==> flow/design.v <==
module scratch_n #(
    parameter integer D = 8,
    parameter integer DWIDTH = 40,
    parameter integer AW = $clog2(D)
) (
    input  clk,
    input  [AW-1:0] index_in,
    input  write_in,
    input  [DWIDTH-1:0] din_in,
    output [DWIDTH-1:0] q_out
);
    reg [DWIDTH-1:0] array [0:D-1];
    always @(posedge clk)
        if (write_in) array[index_in] <= din_in;
    assign q_out = write_in ? din_in : array[index_in];
endmodule
# From RTL to reports: scratch_n
# The steps from the RTL of scratch_n to its reports follow in flow order.
# Lines are those of the file above, counted from 1.
# Operators carry their Yosys type and port widths (W data, S select, Z words).
# The mark - stands for no value.
[design]
top = "scratch_n"
clock_port = "clk"
cell_library = "sky130hd"
pvt_corner = "tt_025C_1v80"

# Word-level counts
# Source: Yosys, flattened and elaborated, memories not mapped. Widths are those after wreduce; folded enables and synchronous resets count as part of the registers. Registers that Yosys merges into a memory's read port (data or address) are not register bits. Print and check cells do not count. Equal cells are merged and count once.
# Memory sizes are those after Yosys's memory passes, which may raise the word count (mostly to a power of two), join words into wider ones and drop unused or constant bits.
[bits]
ramBits = 320
wordCells = 5
n_memories = 1
in_bits = 45
out_inout_bits = 40
ff_bits = 0
[classes]
muxes = 4
[memory_table]
columns = ["name", "words", "word_bits", "read_ports", "wr", "line_no", "text"]
rows = [
  ["array", 8, 40, 1, 1, 12, "reg [DWIDTH-1:0] array [0:D-1];"],
]
[op_table]
columns = ["op", "count"]
rows = [
  ["$mux W40", 2],
  ["$mux W3", 1],
  ["$mux W1", 1],
]

# Longest topological paths
# Longest topological path by Yosys (ltp), each cell counted once; first at word level (registers and memories cut), then after technology mapping (sequential cells cut; the memories' decode and read muxes count).
[depth]
depth_word = 1
ABC_AREA = 0
ltp_mapped = 7
ltp_nobuf = 4

# After synthesis
# The flow's flattened synthesis, as Yosys stat reports it; memories are mapped. The netlist is that of the ABC_AREA named above (0 if unset); the other value can give another one.
[by_type]
columns = ["cell_type", "count", "area_total_um2"]
rows = [
  ["sky130_fd_sc_hd__edfxtp_1", 320, 9.61E+03],
  ["sky130_fd_sc_hd__mux2i_1", 104, 1.04E+03],
  ["sky130_fd_sc_hd__a21oi_1", 64, 320.307],
  ["sky130_fd_sc_hd__a211oi_1", 36, 270.259],
  ["sky130_fd_sc_hd__nand2b_1", 39, 243.984],
  ["sky130_fd_sc_hd__o2bb2ai_1", 25, 218.96],
  ["sky130_fd_sc_hd__nor2b_1", 27, 168.912],
  ["sky130_fd_sc_hd__mux2_2", 14, 157.651],
  ["sky130_fd_sc_hd__nor3_1", 28, 140.134],
  ["sky130_fd_sc_hd__buf_6", 11, 123.869],
  ["sky130_fd_sc_hd__nor2_1", 32, 120.115],
  ["sky130_fd_sc_hd__a22oi_1", 14, 105.101],
  ["sky130_fd_sc_hd__o31a_1", 12, 105.101],
  ["sky130_fd_sc_hd__clkbuf_1", 23, 86.333],
  ["sky130_fd_sc_hd__buf_2", 17, 85.082],
  ["sky130_fd_sc_hd__o22ai_1", 11, 68.816],
  ["sky130_fd_sc_hd__mux2_4", 4, 60.058],
  ["sky130_fd_sc_hd__buf_4", 5, 37.536],
]
# Not listed: further types 10, cells in them 21.
[mapped]
stdcells = 807
n_buf = 60
mapped_area_um2 = 13092.6
ffs = 320

# Timing after synthesis
# Path of least setup slack by OpenSTA after synthesis, without wires, with an ideal clock, recovery checks aside; 20% of the period is set as input and as output delay. Where synthesis merged equal registers, the netlist keeps one of their names.
[synth_path]
kind = "input -> register"
start = "input port write_in"
end = "memory array[4][0]"
setup_slack_ns = 1.003
delay_ns = 3.998
path_stages = 5
setup_ns = 0.487
period_ns = 6.25
arrival_time_ns = 4.761
input_delay_ns = 1.250
synth_period_reached_ns = 5.247
# "delay_ns" = arrival - input delay + setup time.
# "path_stages" counts driving pins, that of a launching flip-flop among them; a cell with two outputs on the path counts twice.
# "synth_period_reached_ns" = period - worst setup slack (recovery checks aside). The figure is calculated, with input and output delays left at 20% of the set period.
# Between the ends stands the longest chain of elaborated cells between them, by number of cells; it is not shown to be the way that was timed. Of several equally long chains one is given.
# A line is the first line of the expression or statement that the cell stems from. Yosys adds cells for indexed reads and writes and turns some case tables into memories.
# Only ways into the end's enable, where the timed path ends, are counted here.
[synth_between]
cell_sequence = "sky130_fd_sc_hd__buf_2 > sky130_fd_sc_hd__clkbuf_1 > sky130_fd_sc_hd__buf_2 > sky130_fd_sc_hd__nand2_1 > sky130_fd_sc_hd__nor3_1"
elab_chain_len = 1
cells_between = 2
lines_between = 1
cone_classes = "2 x mux"
[synth_lines]
columns = ["item", "line_no", "text"]
rows = [
  ["start: declaration", 8, "input  write_in,"],
  ["$mux W3", 14, "if (write_in) array[index_in] <= din_in;"],
  ["end: declaration", 12, "reg [DWIDTH-1:0] array [0:D-1];"],
]

# Worst path after layout
# From the final timing report of run 1: the path of least setup slack in the routed layout; clock arrival at registers is part of the times.
[layout_path]
kind = "input -> output"
start = "input port index_in[2]"
end = "output port q_out[25]"
period_ns = 9.49
path_stages = 7
arrival_time_ns = 4.15
input_delay_ns = 1.90
out_delay_ns = 1.90
setup_slack_ns = 3.44
# Between the ends stands the longest chain of elaborated cells between them, by number of cells; it is not shown to be the way that was timed. Of several equally long chains one is given.
# A memory read counts as a cell of the chain, while the word-level depth stops at memories.
[layout_between]
cell_sequence = "sky130_fd_sc_hd__buf_6 > sky130_fd_sc_hd__nor2b_1 > sky130_fd_sc_hd__clkbuf_1 > sky130_fd_sc_hd__a22oi_1 > sky130_fd_sc_hd__o22ai_1 > sky130_fd_sc_hd__o31a_1 > sky130_fd_sc_hd__clkdlybuf4s50_1"
elab_chain_len = 2
cells_between = 2
lines_between = 2
cone_classes = "1 x mux; 1 x memory"
[layout_lines]
columns = ["item", "line_no", "text"]
rows = [
  ["start: declaration", 7, "input  [AW-1:0] index_in,"],
  ["$mem_v2 Z8 W40", 12, "reg [DWIDTH-1:0] array [0:D-1];"],
  ["$mux W40", 15, "assign q_out = write_in ? din_in : array[index_in];"],
  ["end: declaration", 10, "output [DWIDTH-1:0] q_out"],
]

# Module scratch_n, platform sky130hd: 3 stored runs of the flow (Yosys, OpenROAD) with differing settings, in no particular order. Input and output delays are each 20% of the period that was set; the output load is 0.01 pF.
# By "period_reached_ns" is meant the clock period of the run minus its worst setup slack. This is arithmetic on one report: input and output delays are still those of the set period (20% each).
# "timing.worst_path_ns": the worst setup path's part of the clock period (all of it between registers, 20% less for each end at a port) less its slack. A launch clock that arrives late makes it longer, a capture clock that arrives late makes it shorter.
# "total_power_w" is the tool's figure for a default switching activity; nothing was simulated.

[[run]]
name = "run 1"
[run.settings]
period_ns = 9.49
CORE_UTILIZATION = 60
PLACE_DENSITY_LB_ADDON = 0.25
CORE_ASPECT_RATIO = 0.51
TNS_END_PERCENT = 75
ABC_AREA = 0
GPL_TIMING_DRIVEN = 0
CTS_CLUSTER_DIAMETER = 99
MAX_ROUTING_LAYER = "met5"
CAP_MARGIN = 20
CORE_MARGIN = 2
SLEW_MARGIN = 20
[run.results]
synthArea_um2 = 13092.6
die_footprint_um2 = 23086.0
cell_area_final_um2 = 15513.6
post_route_util_frac = 0.727
fin_ws_ns = 3.438
total_negative_slack_ns = 0.000
ws_hold_ns = 2.109
total_power_w = 0.002974
period_reached_ns = 6.052
timing.worst_path_ns = 2.26
path_kind = "input -> output"

[[run]]
name = "run 2"
[run.settings]
period_ns = 5.21
CORE_UTILIZATION = 46
SETUP_SLACK_MARGIN = 1.08
PLACE_DENSITY = 0.36
CORE_ASPECT_RATIO = 1.46
CORE_MARGIN = 9
CELL_PAD_IN_SITES_GLOBAL_PLACEMENT = 2
GPL_TIMING_DRIVEN = 1
CTS_CLUSTER_DIAMETER = 170
SLEW_MARGIN = 30
MAX_ROUTING_LAYER = "met4"
CAP_MARGIN = 20
[run.results]
synthArea_um2 = 13092.6
die_footprint_um2 = 34968.0
cell_area_final_um2 = 15582.4
post_route_util_frac = 0.555
fin_ws_ns = 1.176
total_negative_slack_ns = 0.000
ws_hold_ns = 1.231
total_power_w = 0.005602
period_reached_ns = 4.034
timing.worst_path_ns = 1.95
path_kind = "input -> output"

[[run]]
name = "run 3"
[run.settings]
period_ns = 6.25
CAP_MARGIN = 20
CORE_MARGIN = 2
CORE_UTILIZATION = 40
SLEW_MARGIN = 20
[run.results]
synthArea_um2 = 13092.6
die_footprint_um2 = 34195.4
cell_area_final_um2 = 15406.0
post_route_util_frac = 0.476
fin_ws_ns = 1.252
total_negative_slack_ns = 0.000
ws_hold_ns = 1.501
total_power_w = 0.004736
period_reached_ns = 4.998
timing.worst_path_ns = 2.50
path_kind = "input -> output"
